==> flow/design.v <==
module add_stage #(
    parameter integer DW = 18
) (
    input wire i_clk,
    input wire i_rst_n,
    input wire [DW-1:0] rs1_in,
    input wire [DW-1:0] rs2_in,
    output reg [DW:0] o_out
);
    always @(posedge i_clk) begin
        if (~i_rst_n) begin
            o_out <= 0;
        end else begin
            o_out <= rs1_in + rs2_in;
        end
    end
endmodule
==> Step by step through the tools: add_stage <==
What the tools print for add_stage, step after step.
Lines are those of the file above, counted from 1.
Library cell names are shortened.
{ "design": {"design": "add_stage", "clock_port": "i_clk", "cell_library": "sky130hd", "corner": "tt_025C_1v80"} }

==> Word level <==
Source: Yosys, flattened and elaborated, memories not mapped. Widths are those after wreduce; folded enables and synchronous resets count as part of the registers. Registers that Yosys merges into a memory's read port (data or address) are not register bits. Print and check cells do not count. Equal cells are merged and count once.
{ "bits": {"in_bits": 38, "elab_cells": 2, "regBits": 19} }
{ "classes": {"addsub": 1} }
{ "ops": {"columns": ["cell", "count"], "rows": [
  ["adder 18 x 18 -> 19 bit", 1]
]} }

==> Longest topological paths <==
Depth = most cells in a row (Yosys ltp): at word level without a register or memory, in the mapped netlist without a sequential cell, where the memories' decode and read muxes count.
{ "logic_depth": {"depth_word": 1, "ABC_AREA": 0, "depth_mapped": 9, "depth_no_buf": 9} }

==> After synthesis <==
The flow's flattened synthesis, as Yosys stat reports it; memories are mapped. The netlist is that of the ABC_AREA named above (0 if unset); the other value can give another one.
The area totals of this step are shown rounded.
{ "synth_totals": {"mapped_area_um2": 1400, "ff_cells": 19, "cell_count": 153, "seq_area_um2": 380} }
{ "types": {"columns": ["type", "count", "area_total_um2"], "rows": [
  ["dfxtp_1", 19, 380.365],
  ["ha_1", 18, 225.216],
  ["a21oi_1", 12, 60.058],
  ["nor2_1", 14, 52.55],
  ["xor2_1", 6, 52.55],
  ["a21o_1", 5, 37.536],
  ["nand2_1", 10, 37.536],
  ["o21ai_0", 7, 35.034],
  ["o21a_1", 4, 30.029],
  ["xnor2_1", 3, 26.275],
  ["o211ai_1", 3, 22.522],
  ["a31oi_4", 1, 21.27],
  ["fa_1", 1, 20.019],
  ["mux2i_1", 2, 20.019],
  ["nor3_1", 4, 20.019],
  ["a31oi_1", 3, 18.768],
  ["inv_1", 5, 18.768],
  ["nand4_1", 3, 18.768]
]} }
Other cell types: 30; their cells: 33.

==> Timing after synthesis <==
OpenSTA on the mapped netlist: ideal clock, no wires. The path of least setup slack (recovery checks aside). Input and output delay are each 20% of the period. Register names are those of the netlist, which keeps one name where synthesis merged equal registers.
{ "synth_timing": {"kind": "input to register", "start": "input port rs1_in[0]", "end": "register o_out[16]", "slack_ns": 0.398, "path_buffers": 0, "t_arrival_ns": 1.974, "delay_ns": 1.602, "t_first_pin_ns": 0.500, "period_ns": 2.5, "stages": 9, "period_less_setup_slack_ns": 2.102} }
"delay_ns" is the arrival time less input delay plus setup time.
"stages" counts driving pins, that of a launching flip-flop among them; a cell with two outputs on the path counts twice.
"period_less_setup_slack_ns" = period - worst setup slack (recovery checks aside). The figure is calculated, with input and output delays left at 20% of the set period.
Between the ends stands the longest chain of elaborated cells between them, by number of cells; it is not shown to be the way that was timed. Of several equally long chains one is given.
A line is the first line of the expression or statement that the cell stems from. Yosys adds cells for indexed reads and writes and turns some case tables into memories.
{ "synth_between": {"path_cell_list": "ha_1 > inv_1 > fa_1 > nor2b_4 > o211ai_1 > a22oi_1 > a31oi_1 > xor2_1 > nor2_1", "elab_chain_cells": 1} }
{ "synth_lines": {"columns": ["item", "line_no", "source"], "rows": [
  ["start: declaration", 6, "input wire [DW-1:0] rs1_in,"],
  ["adder 18 x 18 -> 19 bit", 14, "o_out <= rs1_in + rs2_in;"],
  ["end: assignment", 12, "o_out <= 0;"],
  ["end: assignment", 14, null],
  ["end: declaration", 8, "output reg [DW:0] o_out"]
]} }

==> Timing after layout <==
From the final timing report of run 3: the path of least setup slack in the routed layout; clock arrival at registers is part of the times.
{ "layout_timing": {"kind": "input to register", "start": "input port rs2_in[0]", "end": "register o_out[10]", "t_arrival_ns": 2.51, "period_ns": 2.5, "t_first_pin_ns": 0.50, "path_buffers": 2, "slack_ns": 0.19, "stages": 11} }
Between the ends stands the longest chain of elaborated cells between them, by number of cells; it is not shown to be the way that was timed. Of several equally long chains one is given.
{ "layout_between": {"path_cell_list": "clkdlybuf4s50_1 > ha_1 > inv_1 > fa_1 > nor2b_4 > o211ai_1 > a22oi_1 > buf_4 > a31oi_1 > xor2_1 > nor2_1", "elab_chain_cells": 1} }
{ "layout_lines": {"columns": ["item", "line_no", "source"], "rows": [
  ["start: declaration", 7, "input wire [DW-1:0] rs2_in,"],
  ["adder 18 x 18 -> 19 bit", 14, "o_out <= rs1_in + rs2_in;"],
  ["end: assignment", 12, "o_out <= 0;"],
  ["end: assignment", 14, null],
  ["end: declaration", 8, "output reg [DW:0] o_out"]
]} }

Measured data: module add_stage, platform sky130hd, 3 stored runs of the flow under differing settings, order arbitrary. Input and output delays are each 20% of the period that was set; the output load is 0.01 pF.
"critical_path_time_ns" is the time allowed to the run's worst setup path (the clock period less input and output delay, where it has them) less its slack. Clock arrival times count: a late capture clock shortens it, a late launch clock lengthens it.
By "total_power_mw" is meant OpenSTA's value without simulated activity: inputs other than the clock are taken to toggle once in ten clock periods, and the tool carries that through the logic.
Results are given in rounded form.
[
  {
    "run": "run 1",
    "settings": { "period_ns": 1.4, "CORE_UTILIZATION": 72, "PLACE_DENSITY_LB_ADDON": 0.08, "HOLD_SLACK_MARGIN": 0.02, "CORE_ASPECT_RATIO": 1.81, "CORE_MARGIN": 7, "TNS_END_PERCENT": 35, "MAX_ROUTING_LAYER": "met5", "CAP_MARGIN": 20, "SLEW_MARGIN": 20 },
    "outcome": "unfinished; error FLW-0024 in placement"
  },
  {
    "run": "run 2",
    "settings": { "period_ns": 1.48, "CORE_UTILIZATION": 47, "SETUP_SLACK_MARGIN": 0.42, "PLACE_DENSITY": 0.42, "CORE_MARGIN": 7, "TNS_END_PERCENT": 90, "GPL_TIMING_DRIVEN": 0, "CAP_MARGIN": 10, "MIN_ROUTING_LAYER": "met2", "SLEW_MARGIN": 20 },
    "outcome": "unfinished; error DPL-0033 in routing"
  },
  {
    "run": "run 3",
    "settings": { "period_ns": 2.5, "CAP_MARGIN": 20, "CORE_MARGIN": 2, "CORE_UTILIZATION": 40, "SLEW_MARGIN": 20 },
    "results": { "yosys.chip_area_um2": 1400, "die_um2": 3900, "finish.stdcell_area_um2": 2100, "setup_ws_ns": 0.19, "setup_tns_ns": 0.000, "hold_ws_ns": 0.93, "total_power_mw": 0.94, "critical_path_time_ns": 1.81, "worst_setup_path_type": "input to register" }
  }
]
